==> flow/design.v <==
module u_add_core #(
   parameter integer DW = 10
) (
   input  logic ck,
   input  logic RSTN,
   input  logic [DW-1:0] arg0,
   input  logic [DW-1:0] arg1,
   input  logic [DW-1:0] arg2,
   output logic [DW+1:0] s
);
   logic [DW-1:0] arg0_r;
   logic [DW-1:0] arg1_r;
   logic [DW-1:0] arg2_r;
   logic [DW:0] tmp_r;
   logic [DW-1:0] arg2_r_d;
   always_ff @(posedge ck) begin
      if (~RSTN) begin
         arg0_r <= '0;
         arg1_r <= '0;
         arg2_r <= '0;
         tmp_r <= '0;
         arg2_r_d <= '0;
         s <= '0;
      end else begin
         arg0_r <= arg0;
         arg1_r <= arg1;
         arg2_r <= arg2;
         tmp_r <= arg0_r + arg1_r;
         arg2_r_d <= arg2_r;
         s <= tmp_r + arg2_r_d;
      end
   end
endmodule
Hand-over note for u_add_core

Step by step through the tools: u_add_core --
Module u_add_core in several versions that differ in "DW"; each step lists the members. The RTL above is that of DW 10; lines are counted from 1 in the file of the member named. Operators carry their Yosys type and port widths (W data, S select, Z words). Cell names lack the library's common part. Not given: -
Inputs: top u_add_core, clock input ck, library sky130hd, timing corner tt_025C_1v80

Members of the sweep --
Lines of each other member's file that are new or changed against the file above; lines that a member lacks are not shown.
New or changed lines:
- DW 12 | line 2 | parameter integer DW = 12
- DW 32 | line 2 | parameter integer DW = 32
- DW 48 | line 2 | parameter integer DW = 48
- DW 56 | line 2 | parameter integer DW = 56

Word-level counts --
Counts by Yosys on the flattened word-level netlist (proc, flatten, opt, wreduce; memories kept). Register bits leave out memories and registers merged into their read ports (data or address); mux counts leave out enables and synchronous resets folded into registers. Print and check cells are left out. Cells with the same type and inputs are merged into one.
Bit counts:
- DW 10 | bits in registers 63, input port bits 32, output and inout port bits 12, cells after elaboration 8
- DW 12 | bits in registers 75, input port bits 38, output and inout port bits 14, cells after elaboration 8
- DW 32 | bits in registers 195, input port bits 98, output and inout port bits 34, cells after elaboration 8
- DW 48 | bits in registers 291, input port bits 146, output and inout port bits 50, cells after elaboration 8
- DW 56 | bits in registers 339, input port bits 170, output and inout port bits 58, cells after elaboration 8
Cells by class ($add $sub $neg):
- DW 10 | 2
- DW 12 | 2
- DW 32 | 2
- DW 48 | 2
- DW 56 | 2
Operators by type and width (kinds with counts):
- DW 10 | 1 x $add A11 B10 Y12; 1 x $add A10 B10 Y11
- DW 12 | 1 x $add A13 B12 Y14; 1 x $add A12 B12 Y13
- DW 32 | 1 x $add A33 B32 Y34; 1 x $add A32 B32 Y33
- DW 48 | 1 x $add A49 B48 Y50; 1 x $add A48 B48 Y49
- DW 56 | 1 x $add A57 B56 Y58; 1 x $add A56 B56 Y57

Logic depth --
Yosys ltp: most cells in a row. Word level: on the elaborated netlist, between registers, memories and ports. Mapped: between sequential cells and ports; inverters and the memories' decode and read muxes count.
Logic depth:
- DW 10 | depth in word-level cells 1, ABC_AREA 0, gate-level depth with buffers 8
- DW 12 | depth in word-level cells 1, ABC_AREA 0, gate-level depth with buffers 8
- DW 32 | depth in word-level cells 1, ABC_AREA 0, gate-level depth with buffers 11
- DW 48 | depth in word-level cells 1, ABC_AREA 0, gate-level depth with buffers 13
- DW 56 | depth in word-level cells 1, ABC_AREA 0, gate-level depth with buffers 12

Mapped cells and area --
The flow's flattened synthesis, as Yosys stat reports it; memories are mapped. The netlist is that of the ABC_AREA named above (0 if unset); the other value can give another one.
Cell types (type and count):
- DW 10 | 63 x dfxtp_1; 48 x and2_1; 20 x ha_1; 6 x mux2i_1; 10 x a21oi_1; 2 x fa_1; 5 x a21o_1; 10 x inv_1; 9 x nand2_1; 5 x nand2b_1; 4 x o21a_1; 7 x clkbuf_1; 3 x xnor2_1; 3 x xor2_1; 4 x a31oi_1; 4 x nor2b_1; 3 x a21boi_0; 6 x nor2_1; (+34)
- DW 12 | 75 x dfxtp_1; 52 x and2_1; 24 x ha_1; 15 x a21oi_1; 17 x nor2_1; 7 x a211oi_1; 7 x a21o_1; 5 x xnor2_1; 5 x xor2_1; 11 x nand2_1; 2 x fa_1; 4 x mux2i_1; 10 x clkbuf_1; 7 x nor3_1; 7 x o21ai_0; 5 x nand2b_1; 8 x inv_1; 1 x a2111oi_4; (+45)
- DW 32 | 195 x dfxtp_1; 136 x and2_1; 64 x ha_1; 44 x a21o_1; 57 x a21oi_1; 65 x nor2_1; 24 x xnor2_1; 18 x xor2_1; 38 x nand2_1; 22 x o21ai_0; 27 x clkbuf_1; 10 x a211oi_1; 15 x nor3_1; 10 x nand2b_1; 6 x mux2i_1; 9 x a31oi_1; 11 x nand3_1; 6 x o21a_1; (+113)
- DW 48 | 291 x dfxtp_1; 274 x and2_1; 96 x ha_1; 70 x a21o_1; 92 x a21oi_1; 45 x xnor2_1; 87 x nand2_1; 34 x xor2_1; 58 x clkbuf_1; 57 x nor2_1; 42 x o21ai_0; 28 x nand4_1; 14 x o21bai_1; 23 x inv_1; 17 x nand3_1; 14 x nor3_1; 11 x a31oi_1; 9 x o21a_1; (+133)
- DW 56 | 339 x dfxtp_1; 236 x and2_1; 112 x ha_1; 135 x a21oi_1; 145 x nor2_1; 114 x nand2_1; 48 x xor2_1; 49 x a21o_1; 41 x xnor2_1; 64 x o21ai_0; 75 x clkbuf_1; 29 x nand4_1; 22 x o21bai_1; 29 x nor3_1; 19 x o211ai_1; 22 x a31oi_1; 20 x and3_1; 25 x nand3_1; (+182)
The mark (+n) counts cells that are not listed.
Mapped netlist:
- DW 10 | mapped cells 246, cell area after synthesis 2543.7 um^2, mapped flip-flops 63, buffers 8
- DW 12 | mapped cells 307, cell area after synthesis 3113.0 um^2, mapped flip-flops 75, buffers 11
- DW 32 | mapped cells 870, cell area after synthesis 8495.6 um^2, mapped flip-flops 195, buffers 27
- DW 48 | mapped cells 1395, cell area after synthesis 13172.6 um^2, mapped flip-flops 291, buffers 63
- DW 56 | mapped cells 1706, cell area after synthesis 15419.8 um^2, mapped flip-flops 339, buffers 84

Worst setup path after synthesis --
Source: OpenSTA report_checks on the synthesized netlist (no wires, ideal clock, input and output delay 20% of the period each), path of least setup slack; recovery checks are left aside. Register names are those of the netlist, which keeps one name where synthesis merged equal registers.
Path after synthesis:
- DW 10 | kind reg2reg, start point reg tmp_r[0], end point reg s[6], period 2.28 ns, slack 0.452 ns, stages 8, delay of the path 1.828 ns, synthesis period reached 1.828 ns
- DW 12 | kind reg2reg, start point reg arg0_r[0], end point reg tmp_r[10], period 2.66 ns, slack 0.531 ns, stages 8, delay of the path 2.129 ns, synthesis period reached 2.129 ns
- DW 32 | kind reg2reg, start point reg tmp_r[0], end point reg s[26], period 3.23 ns, slack 0.645 ns, stages 12, delay of the path 2.585 ns, synthesis period reached 2.585 ns
- DW 48 | kind reg2reg, start point reg arg0_r[0], end point reg tmp_r[42], period 3.57 ns, slack 0.715 ns, stages 13, delay of the path 2.855 ns, synthesis period reached 2.855 ns
- DW 56 | kind reg2reg, start point reg arg0_r[0], end point reg tmp_r[54], period 3.51 ns, slack 0.700 ns, stages 12, delay of the path 2.810 ns, synthesis period reached 2.81 ns
"delay of the path" is the arrival time less input delay plus setup time. "stages": output pins that drive a net of the path, with the launching flip-flop's if there is one; two outputs of one cell count as two. "synthesis period reached" is the clock period less the worst setup slack; recovery checks do not enter. This is arithmetic on one report: input and output delays are still those of the set period (20% each). Between the ends stands the longest chain of elaborated cells between them, by number of cells; it is not shown to be the way that was timed. Of several equally long chains one is given. A line is the first line of the expression or statement that the cell stems from. Yosys adds cells for indexed reads and writes and turns some case tables into memories.
On the way, after synthesis, DW 10: length of the longest elaborated chain 1
Ends and longest elaborated chain, after synthesis, DW 10:
- start: declaration | line 14 | logic [DW:0] tmp_r;
- start: assignment | line 21 | tmp_r <= '0;
- start: assignment | line 28 | tmp_r <= arg0_r + arg1_r;
- $add A11 B10 Y12 | line 30 | s <= tmp_r + arg2_r_d;
- end: assignment | line 23 | s <= '0;
- end: assignment | line 30
- end: declaration | line 9 | output logic [DW+1:0] s
On the way, after synthesis, DW 56: length of the longest elaborated chain 1
Ends and longest elaborated chain, after synthesis, DW 56:
- start: declaration | line 11 | logic [DW-1:0] arg0_r;
- start: assignment | line 18 | arg0_r <= '0;
- start: assignment | line 25 | arg0_r <= arg0;
- $add A56 B56 Y57 | line 28 | tmp_r <= arg0_r + arg1_r;
- end: assignment | line 21 | tmp_r <= '0;
- end: assignment | line 28
- end: declaration | line 14 | logic [DW:0] tmp_r;

Timing after layout --
From the final timing report of the run of each member: the path of least setup slack in the routed layout; clock arrival at registers is part of the times.
Path after layout:
- DW 10 | kind reg2reg, start point reg arg0_r[0], end point reg tmp_r[6], period 2.28 ns, slack 0.38 ns, stages 9, data arrival time 2.11 ns, path buffers 0
- DW 12 | kind reg2reg, start point reg arg0_r[0], end point reg tmp_r[12], period 2.66 ns, slack 0.32 ns, stages 8, data arrival time 2.59 ns, path buffers 0
- DW 32 | kind reg2reg, start point reg arg2_r_d[0], end point reg s[26], period 3.23 ns, slack 0.36 ns, stages 12, data arrival time 3.23 ns, path buffers 0
- DW 48 | kind reg2reg, start point reg arg0_r[0], end point reg tmp_r[42], period 3.57 ns, slack 0.40 ns, stages 13, data arrival time 3.60 ns, path buffers 0
- DW 56 | kind reg2reg, start point reg arg0_r[0], end point reg tmp_r[54], period 3.51 ns, slack 0.26 ns, stages 12, data arrival time 3.73 ns, path buffers 0

Layout results --
Settings and results of one run of the flow (Yosys, OpenROAD) for each member follow. The constraints put input and output delay at 20% of the set period each and load the outputs with 0.01 pF.
Flow settings: CAP_MARGIN 20, CORE_MARGIN 2, CORE_UTILIZATION 40, SLEW_MARGIN 20
Settings by member (period_ns):
- DW 10 | 2.28
- DW 12 | 2.66
- DW 32 | 3.23
- DW 48 | 3.57
- DW 56 | 3.51
Final reports:
- DW 10 | netlist area reported by Yosys 2543.7 um^2, die footprint 7013.2 um^2, standard-cell area of the final layout 3269.4 um^2, utilization of the finished layout 52.4%, setup slack of the critical path 0.378 ns, post-route setup TNS 0.000 ns, worst-case hold slack 0.433 ns, total power of the final layout 2533 µW, period reached 1.902 ns
- DW 12 | netlist area reported by Yosys 3113.0 um^2, die footprint 8504.5 um^2, standard-cell area of the final layout 3922.5 um^2, utilization of the finished layout 51.3%, setup slack of the critical path 0.322 ns, post-route setup TNS 0.000 ns, worst-case hold slack 0.437 ns, total power of the final layout 2406 µW, period reached 2.338 ns
- DW 32 | netlist area reported by Yosys 8495.6 um^2, die footprint 22420.6 um^2, standard-cell area of the final layout 10666.5 um^2, utilization of the finished layout 50.9%, setup slack of the critical path 0.363 ns, post-route setup TNS 0.000 ns, worst-case hold slack 0.429 ns, total power of the final layout 5504 µW, period reached 2.867 ns
- DW 48 | netlist area reported by Yosys 13172.6 um^2, die footprint 34399.1 um^2, standard-cell area of the final layout 16473.3 um^2, utilization of the finished layout 50.8%, setup slack of the critical path 0.403 ns, post-route setup TNS 0.000 ns, worst-case hold slack 0.425 ns, total power of the final layout 7815 µW, period reached 3.167 ns
- DW 56 | netlist area reported by Yosys 15419.8 um^2, die footprint 40136.1 um^2, standard-cell area of the final layout 19427.4 um^2, utilization of the finished layout 51.3%, setup slack of the critical path 0.257 ns, post-route setup TNS 0.000 ns, worst-case hold slack 0.430 ns, total power of the final layout 9927 µW, period reached 3.253 ns
By "period reached" is meant the clock period of the run minus its worst setup slack. This is arithmetic on one report: input and output delays are still those of the set period (20% each). By "total power of the final layout" is meant OpenSTA's value without simulated activity: inputs other than the clock are taken to toggle once in ten clock periods, and the tool carries that through the logic.

End of note.
